==> flow/design.v <==
module gen_summer_p (core_clk, clr, arg0, arg1, arg2, q);
  parameter integer NBITS = 18;
  input core_clk;
  input clr;
  input [NBITS-1:0] arg0;
  input [NBITS-1:0] arg1;
  input [NBITS-1:0] arg2;
  output [NBITS+1:0] q;
  reg [NBITS-1:0] arg0_s;
  reg [NBITS-1:0] arg1_s;
  reg [NBITS-1:0] arg2_s;
  always @(posedge core_clk or posedge clr) begin
    if (clr) begin
      arg0_s <= 0;
      arg1_s <= 0;
      arg2_s <= 0;
    end else begin
      arg0_s <= arg0;
      arg1_s <= arg1;
      arg2_s <= arg2;
    end
  end
  assign q = arg0_s + arg1_s + arg2_s;
endmodule
### Step by step through the tools: gen_summer_p

Tool output for the design above, in the order of the flow.
Lines are those of the file above, counted from 1.
Library cell names are shortened.
The mark - stands for no value.

* design top: gen_summer_p
* clock port: core_clk
* cell library: sky130hd
* corner: tt_025C_1v80

### Word-level counts

Source: Yosys, flattened and elaborated, memories not mapped. Widths are those after wreduce; folded enables and synchronous resets count as part of the registers. Registers that Yosys merges into a memory's read port (data or address) are not register bits. Print and check cells do not count. Equal cells are merged and count once.

* register bits after elaboration: 54
* input bits: 56
* output and inout port bits: 20
* elaborated cells: 5

* add/subtract/negate cells: 2

Operators by type and width (count)
* adder 19 x 18 -> 20 bit: 1
* adder 18 x 18 -> 19 bit: 1

### Longest topological paths

Yosys ltp: most cells in a row. Word level: on the elaborated netlist, between registers, memories and ports. Mapped: between sequential cells and ports; inverters and the memories' decode and read muxes count.

* word-level depth: 2
* ABC_AREA: 0
* depth in mapped cells: 11
* mapped depth without buffers: 11

### Mapped cells and area

Yosys stat after the flow's synthesis: flattened, memories mapped to cells. It holds for the ABC_AREA given above (unset counts as 0); a run with the other value may have another netlist.
Totals and module areas in this step are rounded.

Cells by type
* dfrtp_1: count 54, area in all 1.35E+03 um^2
* fa_1: count 19, area in all 380.365 um^2
* ha_1: count 17, area in all 212.704 um^2
* a21oi_1: count 17, area in all 85.082 um^2
* xnor2_1: count 8, area in all 70.067 um^2
* xor2_1: count 7, area in all 61.309 um^2
* inv_1: count 12, area in all 45.043 um^2
* nand2_1: count 12, area in all 45.043 um^2
* o21ai_0: count 9, area in all 45.043 um^2
* o211ai_1: count 4, area in all 30.029 um^2
* nand3_1: count 4, area in all 20.019 um^2
* nand2b_1: count 3, area in all 18.768 um^2
* nand4_1: count 3, area in all 18.768 um^2
* nor2_1: count 5, area in all 18.768 um^2
* nor2b_1: count 3, area in all 18.768 um^2
* o41ai_2: count 1, area in all 16.266 um^2
* a221oi_2: count 1, area in all 15.014 um^2
* o21bai_1: count 2, area in all 15.014 um^2

Not listed: further types 16, cells in them 19.

* cell count: 200
* synthesis area: 2600 um^2
* area of sequential cells: 1400 um^2
* mapped flip-flops: 54
* buffers: 4

### Path before layout

Source: OpenSTA report_checks on the synthesized netlist (no wires, ideal clock, input and output delay 20% of the period each), path of least setup slack; recovery checks are left aside. Register names are those of the netlist, which keeps one name where synthesis merged equal registers.

* path type: flip-flop to output port
* from: reg arg0_s[1]
* to: out q[19]
* clock period: 3940 ps
* external output delay: 788 ps
* launch time at the first pin: 0 ps
* arrival: 2521 ps
* data required time: 3152 ps
* slack: 631 ps
* path delay: 2521 ps
* stages: 10
* buffers on the path: 0
* synthesis period reached: 3309 ps

"path delay" is the arrival time less input delay plus setup time.
A path that ends at an output port has no setup time.
"stages": output pins that drive a net of the path, with the launching flip-flop's if there is one; two outputs of one cell count as two.
"synthesis period reached" = period - worst setup slack (recovery checks aside). The figure is calculated, with input and output delays left at 20% of the set period.
The rows between start and end are the longest chain of elaborated cells between them; the timing report does not say that the signal goes this way. Where chains are equally long, one stands for them.
A line is the first line of the expression or statement that the cell stems from. Yosys adds cells for indexed reads and writes and turns some case tables into memories.

* cell sequence: dfrtp_1 fa_1 ha_1 inv_1 fa_1 nand2b_1 a21oi_1 o21ai_1 o211a_1 o21ai_0
* length of the longest elaborated chain: 2
* elaborated cells between the ends (all ways): 2
* RTL lines with such cells: 1
* classes of those cells: add/sub (2)

RTL lines, path post-synthesis
* start: declaration: line 9 `reg [NBITS-1:0] arg0_s;`
* start: assignment: line 14 `arg0_s <= 0;`
* start: assignment: line 18 `arg0_s <= arg0;`
* adder 18 x 18 -> 19 bit: line 23 `assign q = arg0_s + arg1_s + arg2_s;`
* adder 19 x 18 -> 20 bit: line 23
* end: declaration: line 8 `output [NBITS+1:0] q;`

### Worst path after layout

Path of least setup slack in the final report of run 2 (OpenROAD, finished layout, wires in). Where an end is a register, its clock arrival counts in the times.
The report prints the path's times to 10 ps; the period is as set.

* path type: flip-flop to output port
* from: reg arg0_s[1]
* to: out q[17]
* clock period: 4470 ps
* external output delay: 890 ps
* launch time at the first pin: 290 ps
* arrival: 3330 ps
* data required time: 3580 ps
* slack: 250 ps
* stages: 11
* buffers on the path: 1

The rows between start and end are the longest chain of elaborated cells between them; the timing report does not say that the signal goes this way. Where chains are equally long, one stands for them.

* cell sequence: dfrtp_1 fa_1 ha_1 inv_1 fa_1 nand2b_1 a21oi_2 o21ai_2 o21ai_1 xor2_1 clkdlybuf4s50_1
* length of the longest elaborated chain: 2
* elaborated cells between the ends (all ways): 2
* RTL lines with such cells: 1
* classes of those cells: add/sub (2)

RTL lines, path after layout
* start: declaration: line 9 `reg [NBITS-1:0] arg0_s;`
* start: assignment: line 14 `arg0_s <= 0;`
* start: assignment: line 18 `arg0_s <= arg0;`
* adder 18 x 18 -> 19 bit: line 23 `assign q = arg0_s + arg1_s + arg2_s;`
* adder 19 x 18 -> 20 bit: line 23
* end: declaration: line 8 `output [NBITS+1:0] q;`

--- measured runs ---
Below are 3 stored runs of the flow (Yosys, OpenROAD; platform sky130hd) on gen_summer_p, each with its settings and what was measured, unordered. Constraints: input delay and output delay 20% of the set period each, output load 0.01 pF.
"achieved clock period" = clock period - worst setup slack. The figure is calculated, with input and output delays left at 20% of the set period.
"critical path time" = time allowed to the worst setup path (clock period - input delay - output delay, where it has them) - its slack; a late launch clock adds to it, a late capture clock takes from it.
"total design power": no workload was simulated; the value follows from the tool's default switching activity.
"critical path time" is given in steps of 10 ps.
Measured values are rounded.

### Run 1

==> flow/run.sh <==
#!/bin/bash
# the make line also repeats the synthesis and layout settings of config.mk as NAME=value (left out here)
make -C /OpenROAD-flow-scripts/flow DESIGN_CONFIG=/design/flow/config.mk WORK_HOME=/design/flow/orfs CLKGATE_MAP_FILE= finish
==> flow/config.mk <==
export PLATFORM = sky130hd
export DESIGN_NAME = gen_summer_p
export DESIGN_NICKNAME = gen_summer_p
export VERILOG_FILES = /design/flow/design.v
export SDC_FILE = /design/flow/constraint.sdc
export NUM_CORES = 4
export LEC_CHECK = 0
export ABC_AREA = 0
export CAP_MARGIN = 40
export CELL_PAD_IN_SITES_GLOBAL_PLACEMENT = 3
export CORE_MARGIN = 2
export CORE_UTILIZATION = 55
export CTS_CLUSTER_SIZE = 12
export GPL_TIMING_DRIVEN = 1
export MIN_ROUTING_LAYER = met1
export SLEW_MARGIN = 20
==> flow/constraint.sdc <==
create_clock -name core_clock -period 4.52 [get_ports {core_clk}]
set_input_delay 0.9040 -clock core_clock [delete_from_list [all_inputs] [get_ports {core_clk}]]
set_output_delay 0.9040 -clock core_clock [all_outputs]
set_load 0.01 [all_outputs]

Outcome of run 1: no final report: placement broke off with GPL-0301

### Run 2

==> flow/run.sh <==
#!/bin/bash
# the make line also repeats the synthesis and layout settings of config.mk as NAME=value (left out here)
make -C /OpenROAD-flow-scripts/flow DESIGN_CONFIG=/design/flow/config.mk WORK_HOME=/design/flow/orfs CLKGATE_MAP_FILE= finish
==> flow/config.mk <==
export PLATFORM = sky130hd
export DESIGN_NAME = gen_summer_p
export DESIGN_NICKNAME = gen_summer_p
export VERILOG_FILES = /design/flow/design.v
export SDC_FILE = /design/flow/constraint.sdc
export NUM_CORES = 4
export LEC_CHECK = 0
export CAP_MARGIN = 5
export CELL_PAD_IN_SITES_DETAIL_PLACEMENT = 2
export CORE_ASPECT_RATIO = 0.64
export CORE_MARGIN = 2
export CORE_UTILIZATION = 17
export GPL_ROUTABILITY_DRIVEN = 1
export MAX_ROUTING_LAYER = met5
export MIN_ROUTING_LAYER = met1
export PLACE_DENSITY_LB_ADDON = 0.12
export SLEW_MARGIN = 20
export TNS_END_PERCENT = 75
==> flow/constraint.sdc <==
create_clock -name core_clock -period 4.47 [get_ports {core_clk}]
set_input_delay 0.8940 -clock core_clock [delete_from_list [all_inputs] [get_ports {core_clk}]]
set_output_delay 0.8940 -clock core_clock [all_outputs]
set_load 0.01 [all_outputs]

Results of run 2:
- Chip area after synthesis (Yosys): 2600 um^2
- Die outline area: 16000 um^2
- Standard-cell area of the final layout: 3800 um^2
- Utilization in the final report: 25 %
- Setup slack of the worst path: 250 ps
- Sum of negative setup slack: 0 ps
- Total design power: 1600 µW
- Achieved clock period: 4222 ps
- Critical path time: 3330 ps
- Worst setup path type: flip-flop to output port

### Run 3

==> flow/run.sh <==
#!/bin/bash
# the make line also repeats the synthesis and layout settings of config.mk as NAME=value (left out here)
make -C /OpenROAD-flow-scripts/flow DESIGN_CONFIG=/design/flow/config.mk WORK_HOME=/design/flow/orfs CLKGATE_MAP_FILE= finish
==> flow/config.mk <==
export PLATFORM = sky130hd
export DESIGN_NAME = gen_summer_p
export DESIGN_NICKNAME = gen_summer_p
export VERILOG_FILES = /design/flow/design.v
export SDC_FILE = /design/flow/constraint.sdc
export NUM_CORES = 4
export LEC_CHECK = 0
export CAP_MARGIN = 20
export CORE_MARGIN = 2
export CORE_UTILIZATION = 40
export SLEW_MARGIN = 20
==> flow/constraint.sdc <==
create_clock -name core_clock -period 3.94 [get_ports {core_clk}]
set_input_delay 0.7880 -clock core_clock [delete_from_list [all_inputs] [get_ports {core_clk}]]
set_output_delay 0.7880 -clock core_clock [all_outputs]
set_load 0.01 [all_outputs]

Results of run 3:
- Chip area after synthesis (Yosys): 2600 um^2
- Die outline area: 7100 um^2
- Standard-cell area of the final layout: 3700 um^2
- Utilization in the final report: 58 %
- Setup slack of the worst path: 130 ps
- Sum of negative setup slack: 0 ps
- Total design power: 1700 µW
- Achieved clock period: 3811 ps
- Critical path time: 3020 ps
- Worst setup path type: flip-flop to output port
--- end ---
